==> flow/design.v <==
module cpu_reg_bank_n #(
   parameter ENTRIES = 64,
   parameter DW = 2,
   parameter ABITS = $clog2(ENTRIES)
) (
   input clock,
   input step,
   input load,
   input [ABITS-1:0] wsel,
   input [DW-1:0] wdata,
   input [ABITS-1:0] raddr,
   output [DW-1:0] read_data
);
   reg [DW-1:0] mem [ENTRIES-1:0];
   always @(posedge clock) begin
      if (step && load)
         mem[wsel] <= wdata;
   end
   assign read_data = mem[raddr];
endmodule
Appendix: tool output

## Tool chain data of cpu_reg_bank_n

Tool output for the members of one design family, told apart by "DW", in the order of the flow.
The RTL above is that of DW 2; lines are counted from 1 in the file of the member named.
Library cell names are shortened.
Not given: n/a

- Top: cpu_reg_bank_n
- Clock port: clock
- Cell library: sky130hd
- Timing corner: tt_025C_1v80

## Members of the sweep

New or changed lines of each further member against the RTL above, in its own file; lines it lacks are not shown.

Lines new or changed:

| DW | RTL line | text |
|---|---|---|
| 4 | 3 | `parameter DW = 4,` |
| 6 | 3 | `parameter DW = 6,` |
| 8 | 3 | `parameter DW = 8,` |
| 10 | 3 | `parameter DW = 10,` |
| 20 | 3 | `parameter DW = 20,` |

## Word level

Counts by Yosys on the flattened word-level netlist (proc, flatten, opt, wreduce; memories kept). Register bits leave out memories and registers merged into their read ports (data or address); mux counts leave out enables and synchronous resets folded into registers. Print and check cells are left out. Cells with the same type and inputs are merged into one.
Yosys's memory passes give these memory sizes; they may raise the number of words (mostly to a power of two), join words into wider ones and drop unused or constant bits.

Storage and ports:

| DW | bits in registers | bits in writable memories | memory cells | output and inout port bits | word-level cells |
|---|---|---|---|---|---|
| 2 | 0 | 128 | 1 | 2 | 5 |
| 4 | 0 | 256 | 1 | 4 | 5 |
| 6 | 0 | 384 | 1 | 6 | 5 |
| 8 | 0 | 512 | 1 | 8 | 5 |
| 10 | 0 | 640 | 1 | 10 | 5 |
| 20 | 0 | 1280 | 1 | 20 | 5 |

Cells by class:

| DW | multiplexer cells | reduce/logical cells |
|---|---|---|
| 2 | 3 | 1 |
| 4 | 3 | 1 |
| 6 | 3 | 1 |
| 8 | 3 | 1 |
| 10 | 3 | 1 |
| 20 | 3 | 1 |

Memories:

| DW | shape (words x width / read and write ports) |
|---|---|
| 2 | mem 64x2 r1 w1 |
| 4 | mem 64x4 r1 w1 |
| 6 | mem 64x6 r1 w1 |
| 8 | mem 64x8 r1 w1 |
| 10 | mem 64x10 r1 w1 |
| 20 | mem 64x20 r1 w1 |

Operators by type and width:

| DW | kinds with counts |
|---|---|
| 2 | 6-bit two-way mux (1); 2-bit two-way mux (1); 1-bit logical AND (1); 1-bit two-way mux (1) |
| 4 | 6-bit two-way mux (1); 4-bit two-way mux (1); 1-bit logical AND (1); 1-bit two-way mux (1) |
| 6 | 6-bit two-way mux (2); 1-bit logical AND (1); 1-bit two-way mux (1) |
| 8 | 8-bit two-way mux (1); 6-bit two-way mux (1); 1-bit logical AND (1); 1-bit two-way mux (1) |
| 10 | 10-bit two-way mux (1); 6-bit two-way mux (1); 1-bit logical AND (1); 1-bit two-way mux (1) |
| 20 | 20-bit two-way mux (1); 6-bit two-way mux (1); 1-bit logical AND (1); 1-bit two-way mux (1) |

## Logic depth

Longest topological path by Yosys (ltp), each cell counted once; first at word level (registers and memories cut), then after technology mapping (sequential cells cut; the memories' decode and read muxes count).

Depth:

| DW | depth in word-level cells | ABC_AREA | gate-level depth with buffers | depth with buffers taken out |
|---|---|---|---|---|
| 2 | 2 | 0 | 8 | 5 |
| 4 | 2 | 0 | 8 | 5 |
| 6 | 2 | 0 | 10 | 6 |
| 8 | 2 | 0 | 7 | 5 |
| 10 | 2 | 0 | 9 | 5 |
| 20 | 2 | 0 | 9 | 5 |

## After synthesis

The flow's flattened synthesis, as Yosys stat reports it; memories are mapped. The netlist is that of the ABC_AREA named above (0 if unset); the other value can give another one.

Cell types:

| DW | type and count |
|---|---|
| 2 | edfxtp_1 (128); mux4_2 (24); nor2_1 (68); mux4_1 (9); nand2_1 (11); nor2b_1 (6); a22o_1 (4); buf_6 (3); a22oi_1 (4); clkbuf_1 (8); a211oi_1 (3); nand3b_1 (3); buf_12 (1); or3b_2 (2); buf_2 (3); nand3_1 (3); o22ai_1 (2); or3_1 (2); [+16] |
| 4 | edfxtp_1 (256); mux4_2 (47); mux4_1 (17); nor2_1 (76); mux2i_1 (9); nand2_1 (18); buf_6 (4); nand3_1 (9); nand3b_1 (6); buf_12 (2); buf_2 (8); nor3_1 (8); nor3b_1 (5); o221ai_1 (4); o22ai_1 (5); buf_4 (4); a311oi_1 (3); clkbuf_1 (7); [+33] |
| 6 | edfxtp_1 (384); mux4_2 (70); mux2i_1 (40); nor2_1 (72); mux4_1 (10); buf_6 (9); nand3_1 (18); o22ai_1 (14); nand2_1 (21); a22oi_1 (10); mux2_2 (6); clkbuf_1 (15); nor2b_1 (8); o21ai_0 (10); buf_2 (9); o221ai_1 (5); buf_12 (2); a21oi_1 (7); [+39] |
| 8 | edfxtp_1 (512); mux4_2 (104); mux4_1 (24); a22oi_1 (37); nor2_1 (69); mux2i_1 (24); nand3_1 (21); buf_6 (7); buf_2 (13); buf_4 (8); clkbuf_1 (14); and4_1 (5); a21oi_1 (8); nor2b_1 (6); o211ai_1 (5); mux2_2 (3); nand2_1 (9); a22o_1 (3); [+26] |
| 10 | edfxtp_1 (640); mux4_2 (158); mux2i_1 (40); nor2_1 (89); nand2_1 (30); a211oi_1 (13); buf_4 (13); buf_2 (16); clkbuf_1 (21); mux2_2 (7); o221ai_1 (8); o22ai_1 (11); buf_6 (6); a21oi_1 (9); a221o_1 (4); a211o_1 (4); nand3_1 (7); o2111ai_1 (4); [+58] |
| 20 | edfxtp_1 (1280); mux4_2 (320); a22oi_1 (52); mux2i_1 (39); nor2_1 (85); mux2_2 (27); nand3_1 (42); buf_4 (24); clkbuf_1 (47); nor2b_1 (20); o22ai_1 (20); buf_6 (11); buf_2 (22); o221ai_1 (12); nand2_1 (20); a21oi_1 (14); a211oi_1 (8); o21ai_0 (11); [+76] |

A list marked [+n] leaves out that many cells.

Mapped netlist:

| DW | standard cells after synthesis | chip area (Yosys) (um^2) | sequential area (um^2) | flip-flop cells | buffers |
|---|---|---|---|---|---|
| 2 | 300 | 5325.1 | 3843.7 | 128 | 16 |
| 4 | 521 | 10341.2 | 7687.4 | 256 | 30 |
| 6 | 749 | 15159.5 | 11531.1 | 384 | 38 |
| 8 | 898 | 19920.4 | 15374.7 | 512 | 49 |
| 10 | 1138 | 24821.3 | 19218.4 | 640 | 63 |
| 20 | 2130 | 49037.0 | 38436.9 | 1280 | 117 |

## Path before layout

Path of least setup slack by OpenSTA after synthesis, without wires, with an ideal clock, recovery checks aside; 20% of the period is set as input and as output delay. Where synthesis merged equal registers, the netlist keeps one of their names.

Timing path after synthesis:

| DW | path kind | from | to | clock period (ns) | setup slack (ns) | driving pins on the path | path delay (ns) | synthesis period reached (ns) |
|---|---|---|---|---|---|---|---|---|
| 2 | input to output | in raddr[0] | out read_data[1] | 3.13 | 0.376 | 6 | 1.502 | 2.754 |
| 4 | input to output | in raddr[0] | out read_data[0] | 2.9 | 0.349 | 8 | 1.391 | 2.551 |
| 6 | input to output | in raddr[0] | out read_data[3] | 2.9 | 0.350 | 7 | 1.390 | 2.55 |
| 8 | input to output | in raddr[0] | out read_data[6] | 2.97 | 0.357 | 7 | 1.425 | 2.613 |
| 10 | input to output | in raddr[0] | out read_data[8] | 3.28 | 0.393 | 8 | 1.575 | 2.887 |
| 20 | input to output | in raddr[0] | out read_data[16] | 3.38 | 0.407 | 8 | 1.621 | 2.973 |

"path delay" = arrival - input delay + setup time.
At an output port there is no setup time.
"driving pins on the path" counts driving pins, that of a launching flip-flop among them; a cell with two outputs on the path counts twice.
"synthesis period reached" = period - worst setup slack (recovery checks aside). The figure is calculated, with input and output delays left at 20% of the set period.
The rows between start and end are the longest chain of elaborated cells between them; the timing report does not say that the signal goes this way. Where chains are equally long, one stands for them.
A line is the first line of the expression or statement that the cell stems from. Yosys adds cells for indexed reads and writes and turns some case tables into memories.
A memory read counts as a cell of the chain, while the word-level depth stops at memories.

Between the ends, after synthesis, DW 2:
- Cells in the longest elaborated chain: 1

Ends and longest elaborated chain, after synthesis, DW 2:

| element | RTL line | text |
|---|---|---|
| start: declaration | 11 | `input [ABITS-1:0] raddr,` |
| memory read 64 x 2 bit | 14 | `reg [DW-1:0] mem [ENTRIES-1:0];` |
| end: declaration | 12 | `output [DW-1:0] read_data` |

Between the ends, after synthesis, DW 20:
- Cells in the longest elaborated chain: 1

Ends and longest elaborated chain, after synthesis, DW 20:

| element | RTL line | text |
|---|---|---|
| start: declaration | 11 | `input [ABITS-1:0] raddr,` |
| memory read 64 x 20 bit | 14 | `reg [DW-1:0] mem [ENTRIES-1:0];` |
| end: declaration | 12 | `output [DW-1:0] read_data` |

## Path in the finished layout

Path of least setup slack in the final report of the run of each member (OpenROAD, finished layout, wires in). Where an end is a register, its clock arrival counts in the times.

Timing path post-layout:

| DW | path kind | from | to | clock period (ns) | setup slack (ns) | driving pins on the path | arrival (ns) | path buffers |
|---|---|---|---|---|---|---|---|---|
| 2 | input to output | in raddr[0] | out read_data[1] | 3.13 | 0.12 | 8 | 2.38 | 4 |
| 4 | input to output | in raddr[0] | out read_data[1] | 2.9 | -0.04 | 9 | 2.36 | 4 |
| 6 | input to output | in raddr[1] | out read_data[5] | 2.9 | -0.01 | 8 | 2.33 | 4 |
| 8 | input to output | in raddr[0] | out read_data[7] | 2.97 | -0.05 | 10 | 2.43 | 6 |
| 10 | register to output | mem mem[63][8] | out read_data[8] | 3.28 | -0.01 | 6 | 2.64 | 1 |
| 20 | register to output | mem mem[18][18] | out read_data[18] | 3.38 | -0.07 | 7 | 2.77 | 2 |

## Measured runs

One run of the flow (Yosys, OpenROAD) for each member, with settings and measured results. Input and output delays are each 20% of the period that was set; the output load is 0.01 pF.

- CAP_MARGIN: 20
- CORE_MARGIN: 2
- CORE_UTILIZATION: 40
- SLEW_MARGIN: 20

Settings by member:

| DW | period_ns |
|---|---|
| 2 | 3.13 |
| 4 | 2.9 |
| 6 | 2.9 |
| 8 | 2.97 |
| 10 | 3.28 |
| 20 | 3.38 |

Results:

| DW | post-synthesis cell area (um^2) | die footprint (um^2) | standard-cell area of the final layout (um^2) | utilization after layout (%) | lowest setup slack (ns) | post-route setup TNS (ns) | post-route worst hold slack (ns) | power consumption (W) | clock period achieved (ns) |
|---|---|---|---|---|---|---|---|---|---|
| 2 | 5325.1 | 14251.6 | 6470.0 | 49.2 | 0.123 | 0.000 | 0.760 | 0.003923 | 3.007 |
| 4 | 10341.2 | 27155.7 | 12385.6 | 49.0 | -0.042 | -0.042 | 0.401 | 0.007782 | 2.942 |
| 6 | 15159.5 | 39471.8 | 19009.5 | 50.7 | -0.012 | -0.012 | 0.536 | 0.012093 | 2.912 |
| 8 | 19920.4 | 51601.7 | 24611.1 | 50.2 | -0.053 | -0.110 | 0.400 | 0.015519 | 3.023 |
| 10 | 24821.3 | 64062.1 | 30501.8 | 49.6 | -0.013 | -0.014 | 0.521 | 0.01763 | 3.293 |
| 20 | 49037.0 | 125408.0 | 59921.2 | 49.2 | -0.066 | -0.330 | 0.366 | 0.03373 | 3.446 |

By "clock period achieved" is meant the clock period of the run minus its worst setup slack. This is arithmetic on one report: input and output delays are still those of the set period (20% each).
By "power consumption" is meant OpenSTA's value without simulated activity: inputs other than the clock are taken to toggle once in ten clock periods, and the tool carries that through the logic.
